==> flow/design.v <==
module core_registers_v2 #(
   parameter NWORDS = 10,
   parameter W = 32,
   parameter NUM_RD = 4,
   parameter WP = 1,
   parameter IDX_W = $clog2(NWORDS)
) (
   input logic aclk,
   input logic [WP-1:0] wen,
   input logic [WP*IDX_W-1:0] wsel,
   input logic [WP*W-1:0] din,
   input logic [NUM_RD*IDX_W-1:0] rd_idx,
   output logic [NUM_RD*W-1:0] rd
);
   logic [WP-1:0] wen_q;
   logic [WP*IDX_W-1:0] wsel_q;
   logic [WP*W-1:0] din_q;
   logic [W-1:0] ram [0:NWORDS-1];
   always_ff @(posedge aclk) begin
      for (int n = 0; n < WP; n++)
         if (wen_q[n]) ram[wsel_q[n*IDX_W +: IDX_W]] <= din_q[n*W +: W];
   end
   logic [NUM_RD*IDX_W-1:0] rd_idx_q;
   logic [NUM_RD*W-1:0] cur;
   generate
      for (genvar m = 0; m < NUM_RD; m++) begin : blk
         assign cur[m*W +: W] = ram[rd_idx_q[m*IDX_W +: IDX_W]];
      end
   endgenerate
   logic [NUM_RD*W-1:0] rd_q;
   assign rd = rd_q;
   always_ff @(posedge aclk) begin
      wen_q <= wen;
      wsel_q <= wsel;
      din_q <= din;
      rd_idx_q <= rd_idx;
      rd_q <= cur;
   end
endmodule
Step by step through the tools: core_registers_v2. What the tools print for core_registers_v2, step after step. Line numbers count from 1 in the design file above. Operators: Yosys type, input widths -> output width; for muxes data width and select width s. Library cell names are shortened. The mark - stands for no value.

Top module: core_registers_v2. Clock input: aclk. Library: sky130hd. Corner: tt_025C_1v80.

Elaborated design. Yosys after proc, flatten, opt, wreduce and memory -nomap, before mapping. Enables and synchronous resets that opt folds into registers are not counted as muxes. Memory bits, and registers merged into a memory's read port (data or address), are not among the register bits. Print and check cells are not counted. Equal cells are merged and count once. Memory sizes are those after Yosys's memory passes, which may raise the word count (mostly to a power of two), join words into wider ones and drop unused or constant bits.

For bits in registers the number is 53. RAM bits: 320. For memories the number is 1. For clocked read ports x word width the number is 128. The entry for word-level cells reads 8. The entry for input port bits reads 54. The figure for output and inout port bits is 128.

Memories: ram (words 10, bits a word 32, read ports 4, wr ports 1, RTL line 18) `logic [W-1:0] ram [0:NWORDS-1];`.

The figure for multiplexer cells is 3.

Operators with widths (number): $mux 32 (1); $mux 4 (1); $mux 1 (1).

Logic depth. Yosys ltp: most cells in a row. Word level: on the elaborated netlist, between registers, memories and ports. Mapped: between sequential cells and ports; inverters and the memories' decode and read muxes count.

Depth in word-level cells: 1. The entry for ABC_AREA reads 0. Mapped depth: 6.

Mapped cells and area. Source: synth_stat.txt of the flow (Yosys; design flattened, memories mapped). It holds for the ABC_AREA given above (unset counts as 0); a run with the other value may have another netlist.

Cells by type: edfxtp_1 (number 320, area in all 9.61E+03 µm²); mux2_2 (number 384, area in all 4.32E+03 µm²); dfxtp_1 (number 181, area in all 3.62E+03 µm²); mux2i_1 (number 256, area in all 2.56E+03 µm²); a22o_1 (number 128, area in all 1.12E+03 µm²); o22ai_1 (number 128, area in all 800.768 µm²); o31ai_2 (number 53, area in all 663.136 µm²); o31ai_1 (number 75, area in all 563.04 µm²); nand2_1 (number 133, area in all 499.229 µm²); clkbuf_1 (number 70, area in all 262.752 µm²); buf_6 (number 22, area in all 247.738 µm²); buf_2 (number 36, area in all 180.173 µm²); buf_8 (number 8, area in all 120.115 µm²); buf_4 (number 6, area in all 45.043 µm²); nor2_1 (number 11, area in all 41.29 µm²); buf_1 (number 10, area in all 37.536 µm²); nand2b_1 (number 6, area in all 37.536 µm²); nor2b_1 (number 4, area in all 25.024 µm²).

Other cell types: 3; their cells: 6.

Under mapped flip-flops stands 501. The entry for synthesis area reads 24802.5 µm². The entry for mapped cells reads 1837.

Timing after synthesis. Source: OpenSTA report_checks on the synthesized netlist (no wires, ideal clock, input and output delay 20% of the period each), path of least setup slack; recovery checks are left aside. Register names are those of the netlist, which keeps one name where synthesis merged equal registers.

Kind: register to register. From: register wen_q. To: memory ram[0][0]. Under slack stands 0.867 ns. For clock period the number is 4.35 ns. The entry for driving pins on the path reads 3. Arrival: 3.022 ns. The figure for delay of the path is 3.483 ns. The entry for synthesis period reached reads 3.483 ns.

"delay of the path" is the arrival time less input delay plus setup time. "driving pins on the path" counts driving pins, that of a launching flip-flop among them; a cell with two outputs on the path counts twice. "synthesis period reached" = period - worst setup slack (recovery checks aside). The figure is calculated, with input and output delays left at 20% of the set period. The rows between start and end are the longest chain of elaborated cells between them; the timing report does not say that the signal goes this way. Where chains are equally long, one stands for them. Each line given opens the expression or statement behind the cell; cells for indexed reads and writes are added by Yosys, which also makes memories of some case tables. The path ends at the enable pin of a flip-flop; only ways to that pin are counted.

Cell sequence: dfxtp_1 -> or3b_2 -> nor3_1. Cells in the longest elaborated chain: 1.

RTL lines, path post-synthesis: start: declaration (RTL line 15) `logic [WP-1:0] wen_q;`; start: assignment (RTL line 33) `wen_q <= wen;`; $mux 4 (RTL line 21) `if (wen_q[n]) ram[wsel_q[n*IDX_W +: IDX_W]] <= din_q[n*W +: W];`; end: declaration (RTL line 18) `logic [W-1:0] ram [0:NWORDS-1];`.

Timing after layout. From the final timing report of job 1: the path of least setup slack in the routed layout; clock arrival at registers is part of the times.

Kind: register to output. From: register rd_q[13]. To: output rd[13]. Arrival: 1.62 ns. The entry for driving pins on the path reads 2. For clock period the number is 3.28 ns. Under slack stands 1.01 ns.

Cell sequence: dfxtp_1 -> clkdlybuf4s50_1. Cells in the longest elaborated chain: 0.

RTL lines, path after layout: start: declaration (RTL line 30) `logic [NUM_RD*W-1:0] rd_q;`; end: declaration (RTL line 13) `output logic [NUM_RD*W-1:0] rd`.

Record of 3 stored runs of the RTL-to-layout flow on core_registers_v2, platform sky130hd. The runs are unordered. Constraints: input delay and output delay 20% of the set period each, output load 0.01 pF. "worst setup path time" is the time allowed to the run's worst setup path (the clock period less input and output delay, where it has them) less its slack. Clock arrival times count: a late capture clock shortens it, a late launch clock lengthens it. "total power of the final layout" is the tool's figure for a default switching activity; nothing was simulated.

Job 1 has these settings: period_ns 3.28; CORE_UTILIZATION 58; PLACE_DENSITY_LB_ADDON 0.14; HOLD_SLACK_MARGIN -0.02; CORE_MARGIN 5; GPL_ROUTABILITY_DRIVEN 0; CTS_CLUSTER_SIZE 11; CAP_MARGIN 5; SLEW_MARGIN 20. The measured synthesis area is 24802.5 µm². The measured full die area is 46997.9 µm². The standard-cell area of the final layout reads 28894.0 µm². The measured worst setup slack after layout is 1.008 ns. The lowest hold slack is 0.476 ns. For the total power of the final layout the run shows 14.845 mW. The worst setup path time stands at 1.62 ns. Worst setup path type: register to output.

Job 2 has these settings: period_ns 4.35; CAP_MARGIN 20; CORE_MARGIN 2; CORE_UTILIZATION 40; SLEW_MARGIN 20. The measured synthesis area is 24802.5 µm². The measured full die area is 64014.1 µm². The standard-cell area of the final layout reads 29350.6 µm². The measured worst setup slack after layout is 1.831 ns. The lowest hold slack is 0.586 ns. For the total power of the final layout the run shows 11.670 mW. The worst setup path time stands at 1.65 ns. Worst setup path type: register to output.

Job 3 has these settings: period_ns 4.5; CORE_UTILIZATION 23; PLACE_DENSITY_LB_ADDON 0.22; CTS_CLUSTER_SIZE 36; CTS_CLUSTER_DIAMETER 193; SLEW_MARGIN 30; MIN_ROUTING_LAYER met2; CAP_MARGIN 20; CORE_MARGIN 2. The measured synthesis area is 24802.5 µm². The measured full die area is 110480.0 µm². The standard-cell area of the final layout reads 28915.2 µm². The measured worst setup slack after layout is 1.831 ns. The lowest hold slack is 0.602 ns. For the total power of the final layout the run shows 9.118 mW. The worst setup path time stands at 1.77 ns. Worst setup path type: register to output.
